==> flow/design.v <==
module cmp4 (
  input logic [3:0] a,
  input logic [3:0] b,
  input logic gi,
  input logic ei,
  output logic go,
  output logic eo
);
  assign go = (a > b) | ((a == b) & gi);
  assign eo = (a == b) & ei;
endmodule
module u_mag_cmp_blk #(
  parameter DATA_WIDTH = 28
) (
  input  logic core_clk,
  input  logic en,
  input  logic [DATA_WIDTH-1:0] A,
  input  logic [DATA_WIDTH-1:0] B,
  output logic a_gt_b,
  output logic is_eq
);
  logic [DATA_WIDTH-1:0] A_s;
  logic [DATA_WIDTH-1:0] B_s;
  always_ff @(posedge core_clk) begin
    if (en) begin
      A_s <= A;
      B_s <= B;
    end
  end
  localparam NBLK = DATA_WIDTH / 4;
  logic [NBLK:0] g;
  logic [NBLK:0] e;
  assign g[0] = 1'b0;
  assign e[0] = 1'b1;
  for (genvar gi = 0; gi < NBLK; gi++) begin : u_g
    cmp4 el (.a(A_s[4*gi +: 4]), .b(B_s[4*gi +: 4]), .gi(g[gi]), .ei(e[gi]), .go(g[gi+1]), .eo(e[gi+1]));
  end
  assign a_gt_b = g[NBLK];
  assign is_eq = e[NBLK];
endmodule
# ---- Step by step through the tools: u_mag_cmp_blk
# What the tools print for u_mag_cmp_blk, step after step.
# Lines are those of the file above, counted from 1.
# Cell names lack the library's common part.
# A cell with n/a has no value.
dict set report inputs {
  top {u_mag_cmp_blk}
  clock_port {core_clk}
  library {sky130hd}
  pvt_corner {tt_025C_1v80}
}

# ---- Word-level counts
# Yosys after proc, flatten, opt, wreduce and memory -nomap, before mapping. Enables and synchronous resets that opt folds into registers are not counted as muxes. Memory bits, and registers merged into a memory's read port (data or address), are not among the register bits. Print and check cells are not counted. Equal cells are merged and count once.
dict set report word_totals {
  reg_bits 56
  word_cells 34
  inputBits 58
  out_inout_bits 2
}
dict set report op_classes {
  eq_ne 7
  logic 18
  n_cmp 7
}
# op n
set ops {}
lappend ops {{greater-than comparator 4 bit} 7}
lappend ops {{== test 4 bit} 7}
lappend ops {{AND 1 bit} 12}
lappend ops {{bitwise OR 1 bit} 6}

# ---- Longest topological paths
# Depth = most cells in a row (Yosys ltp): at word level without a register or memory, in the mapped netlist without a sequential cell, where the memories' decode and read muxes count.
dict set report depth {
  depth_word 13
  abc_area 0
  depth_mapped 7
  ltp_nobuf 7
}

# ---- Synthesis result
# Source: synth_stat.txt of the flow (Yosys; design flattened, memories mapped). It holds for the ABC_AREA given above (unset counts as 0); a run with the other value may have another netlist.
# Totals and module areas in this step are rounded.
# cell_type n type_area_um2
set by_type {}
lappend by_type {edfxtp_1 56 1.68E+03}
lappend by_type {ha_1 28 350.336}
lappend by_type {inv_1 30 112.608}
lappend by_type {a21oi_1 7 35.034}
lappend by_type {nand4_1 5 31.28}
lappend by_type {nand2b_1 4 25.024}
lappend by_type {nand4_4 1 21.27}
lappend by_type {o21ai_0 4 20.019}
lappend by_type {a21o_1 2 15.014}
lappend by_type {a221oi_2 1 15.014}
lappend by_type {nor3_1 3 15.014}
lappend by_type {nor2b_4 1 13.763}
lappend by_type {nor2_1 3 11.261}
lappend by_type {a221o_1 1 10.01}
lappend by_type {a2111oi_0 1 8.758}
lappend by_type {a211o_1 1 8.758}
lappend by_type {a21o_2 1 8.758}
lappend by_type {a221oi_1 1 8.758}
# Other cell types: 10; their cells: 11.
dict set report synth_totals {
  buf_cells 0
  flip_flops 56
  stdcells 161
  seqArea_um2 1680
  area_um2 2460
}
# By module: a second synthesis without flattening, with its own total; a netlist apart from the flattened one above.
dict set report unflattened {
  cells_unflattened 170
  area_unflattened_um2 2440
}
# Each row is one instance without its submodules.
# module mod_seq_area_um2 n_inst cells area_um2
set modules {}
lappend modules {u_mag_cmp_blk 1680 1 58 1690}
lappend modules {cmp4 0.0 7 16 108}

# ---- Path before layout
# Source: OpenSTA report_checks on the synthesized netlist (no wires, ideal clock, input and output delay 20% of the period each), path of least setup slack; recovery checks are left aside. Register names are those of the netlist, which keeps one name where synthesis merged equal registers.
dict set report synth_timing {
  path_type {flip-flop to output port}
  startpoint {reg A_s[1]}
  endpoint {out a_gt_b}
  tclk_ps 2630
  path_buffers 0
  path_slack_ps 422
  delay_ps 1682
  t_first_pin_ps 0
  output_delay_ps 526
  stages 6
  t_arrival_ps 1682
  required_time_ps 2104
  synth_period_reached_ps 2208
}
# "delay_ps" is the arrival time less input delay plus setup time.
# At an output port there is no setup time.
# "stages" counts driving pins, that of a launching flip-flop among them; a cell with two outputs on the path counts twice.
# "synth_period_reached_ps" is the clock period less the worst setup slack; recovery checks do not enter. This is arithmetic on one report: input and output delays are still those of the set period (20% each).
# The rows between start and end are the longest chain of elaborated cells between them; the timing report does not say that the signal goes this way. Where chains are equally long, one stands for them.
# Each line given opens the expression or statement behind the cell; cells for indexed reads and writes are added by Yosys, which also makes memories of some case tables.
dict set report synth_via {
  cell_sequence {edfxtp_1 > ha_1 > and2_1 > a221o_1 > a211o_1 > a221oi_2}
  elab_chain_len 13
  cone_cells 13
  lines_between 1
  classes_between {1 x compare; 12 x logic}
}
# element line
set synth_lines {}
lappend synth_lines {{from (decl)} 22} ;# logic [DATA_WIDTH-1:0] A_s;
lappend synth_lines {{from (assign)} 26} ;# A_s <= A;
lappend synth_lines {{greater-than comparator 4 bit} 9} ;# assign go = (a > b) | ((a == b) & gi);
lappend synth_lines {{AND 1 bit} 9}
lappend synth_lines {{bitwise OR 1 bit} 9}
lappend synth_lines {{AND 1 bit} 9}
lappend synth_lines {{bitwise OR 1 bit} 9}
lappend synth_lines {{AND 1 bit} 9}
lappend synth_lines {{bitwise OR 1 bit} 9}
lappend synth_lines {{AND 1 bit} 9}
lappend synth_lines {{bitwise OR 1 bit} 9}
lappend synth_lines {{AND 1 bit} 9}
lappend synth_lines {{bitwise OR 1 bit} 9}
lappend synth_lines {{AND 1 bit} 9}
lappend synth_lines {{bitwise OR 1 bit} 9}
lappend synth_lines {{to (decl)} 19} ;# output logic a_gt_b,

# ---- Worst path after layout
# Path of least setup slack in the final report of run A (OpenROAD, finished layout, wires in). Where an end is a register, its clock arrival counts in the times.
# The path's times are printed in steps of 10 ps; the period is the one set.
dict set report layout_timing {
  path_type {flip-flop to output port}
  startpoint {reg A_s[3]}
  endpoint {out a_gt_b}
  t_arrival_ps 2150
  path_slack_ps -190
  output_delay_ps 490
  path_buffers 1
  t_first_pin_ps 290
  required_time_ps 1960
  tclk_ps 2450
  stages 7
}
# The rows between start and end are the longest chain of elaborated cells between them; the timing report does not say that the signal goes this way. Where chains are equally long, one stands for them.
dict set report layout_via {
  cell_sequence {edfxtp_1 > ha_1 > and2_4 > a221o_1 > a211o_1 > a221oi_2 > buf_2}
  elab_chain_len 13
  cone_cells 13
  lines_between 1
  classes_between {1 x compare; 12 x logic}
}
# element line
set layout_lines {}
lappend layout_lines {{from (decl)} 22} ;# logic [DATA_WIDTH-1:0] A_s;
lappend layout_lines {{from (assign)} 26} ;# A_s <= A;
lappend layout_lines {{greater-than comparator 4 bit} 9} ;# assign go = (a > b) | ((a == b) & gi);
lappend layout_lines {{AND 1 bit} 9}
lappend layout_lines {{bitwise OR 1 bit} 9}
lappend layout_lines {{AND 1 bit} 9}
lappend layout_lines {{bitwise OR 1 bit} 9}
lappend layout_lines {{AND 1 bit} 9}
lappend layout_lines {{bitwise OR 1 bit} 9}
lappend layout_lines {{AND 1 bit} 9}
lappend layout_lines {{bitwise OR 1 bit} 9}
lappend layout_lines {{AND 1 bit} 9}
lappend layout_lines {{bitwise OR 1 bit} 9}
lappend layout_lines {{AND 1 bit} 9}
lappend layout_lines {{bitwise OR 1 bit} 9}
lappend layout_lines {{to (decl)} 19} ;# output logic a_gt_b,

Data sheet: physical implementation of u_mag_cmp_blk

u_mag_cmp_blk through Yosys and OpenROAD on sky130hd: 3 stored runs, unordered, with their settings and measured results. The constraints put input and output delay at 20% of the set period each and load the outputs with 0.01 pF.
"achievedPeriod_ps" is the run's clock period less its worst setup slack. It is reckoned from that one timing run; input and output delays stay at 20% of the period that was set.
By "timing.worst_path_ps" is meant the share of the clock period that the worst setup path is allowed (20% is reserved at inputs, 20% at outputs), minus its slack. Clock arrival times at its registers enter into it.
"power.total_mw" rests on the timing tool's default activity at the inputs, not on a simulated workload.
"timing.worst_path_ps" is known to 10 ps.
The measured numbers are rounded.

# run A
==> flow/run.sh <==
#!/bin/bash
# the make line also repeats the synthesis and layout settings of config.mk as NAME=value (left out here)
make -C /OpenROAD-flow-scripts/flow DESIGN_CONFIG=/design/flow/config.mk WORK_HOME=/design/flow/orfs CLKGATE_MAP_FILE= finish
==> flow/config.mk <==
export PLATFORM = sky130hd
export DESIGN_NAME = u_mag_cmp_blk
export DESIGN_NICKNAME = u_mag_cmp_blk
export VERILOG_FILES = /design/flow/design.v
export SDC_FILE = /design/flow/constraint.sdc
export NUM_CORES = 4
export LEC_CHECK = 0
export CAP_MARGIN = 30
export CORE_MARGIN = 3
export CORE_UTILIZATION = 45
export GPL_ROUTABILITY_DRIVEN = 0
export MAX_ROUTING_LAYER = met4
export SLEW_MARGIN = 20
==> flow/constraint.sdc <==
create_clock -name core_clock -period 2.45 [get_ports {core_clk}]
set_input_delay 0.4900 -clock core_clock [delete_from_list [all_inputs] [get_ports {core_clk}]]
set_output_delay 0.4900 -clock core_clock [all_outputs]
set_load 0.01 [all_outputs]

==> run A: results <==
synth_area_um2=2460
dieArea_um2=6400
post_route_stdcell_area_um2=3300
final_util_frac=0.633
final_setup_ws_ps=-192
fin_tns_ps=-192
hold_ws_ps=729
power.total_mw=1.92
achievedPeriod_ps=2642
timing.worst_path_ps=2150
timing.worst_path_kind="flip-flop to output port"

# run B
==> flow/run.sh <==
#!/bin/bash
# the make line also repeats the synthesis and layout settings of config.mk as NAME=value (left out here)
make -C /OpenROAD-flow-scripts/flow DESIGN_CONFIG=/design/flow/config.mk WORK_HOME=/design/flow/orfs CLKGATE_MAP_FILE= finish
==> flow/config.mk <==
export PLATFORM = sky130hd
export DESIGN_NAME = u_mag_cmp_blk
export DESIGN_NICKNAME = u_mag_cmp_blk
export VERILOG_FILES = /design/flow/design.v
export SDC_FILE = /design/flow/constraint.sdc
export NUM_CORES = 4
export LEC_CHECK = 0
export CAP_MARGIN = 20
export CORE_MARGIN = 2
export CORE_UTILIZATION = 40
export SLEW_MARGIN = 20
==> flow/constraint.sdc <==
create_clock -name core_clock -period 2.63 [get_ports {core_clk}]
set_input_delay 0.5260 -clock core_clock [delete_from_list [all_inputs] [get_ports {core_clk}]]
set_output_delay 0.5260 -clock core_clock [all_outputs]
set_load 0.01 [all_outputs]

==> run B: results <==
synth_area_um2=2460
dieArea_um2=6800
post_route_stdcell_area_um2=3350
final_util_frac=0.567
final_setup_ws_ps=-59
fin_tns_ps=-59
hold_ws_ps=778
power.total_mw=1.82
achievedPeriod_ps=2689
timing.worst_path_ps=2160
timing.worst_path_kind="flip-flop to output port"

# run C
==> flow/run.sh <==
#!/bin/bash
# the make line also repeats the synthesis and layout settings of config.mk as NAME=value (left out here)
make -C /OpenROAD-flow-scripts/flow DESIGN_CONFIG=/design/flow/config.mk WORK_HOME=/design/flow/orfs CLKGATE_MAP_FILE= finish
==> flow/config.mk <==
export PLATFORM = sky130hd
export DESIGN_NAME = u_mag_cmp_blk
export DESIGN_NICKNAME = u_mag_cmp_blk
export VERILOG_FILES = /design/flow/design.v
export SDC_FILE = /design/flow/constraint.sdc
export NUM_CORES = 4
export LEC_CHECK = 0
export ABC_AREA = 1
export CAP_MARGIN = 35
export CELL_PAD_IN_SITES_DETAIL_PLACEMENT = 2
export CELL_PAD_IN_SITES_GLOBAL_PLACEMENT = 3
export CORE_MARGIN = 2
export CORE_UTILIZATION = 31
export CTS_CLUSTER_DIAMETER = 279
export CTS_CLUSTER_SIZE = 81
export GPL_ROUTABILITY_DRIVEN = 1
export GPL_TIMING_DRIVEN = 0
export MAX_ROUTING_LAYER = met4
export MIN_ROUTING_LAYER = met1
export SLEW_MARGIN = 30
==> flow/constraint.sdc <==
create_clock -name core_clock -period 1.42 [get_ports {core_clk}]
set_input_delay 0.2840 -clock core_clock [delete_from_list [all_inputs] [get_ports {core_clk}]]
set_output_delay 0.2840 -clock core_clock [all_outputs]
set_load 0.01 [all_outputs]

==> run C: results <==
synth_area_um2=2500
dieArea_um2=8790
post_route_stdcell_area_um2=3440
final_util_frac=0.443
final_setup_ws_ps=-726
fin_tns_ps=-1350
hold_ws_ps=532
power.total_mw=3.45
achievedPeriod_ps=2146
timing.worst_path_ps=1860
timing.worst_path_kind="flip-flop to output port"
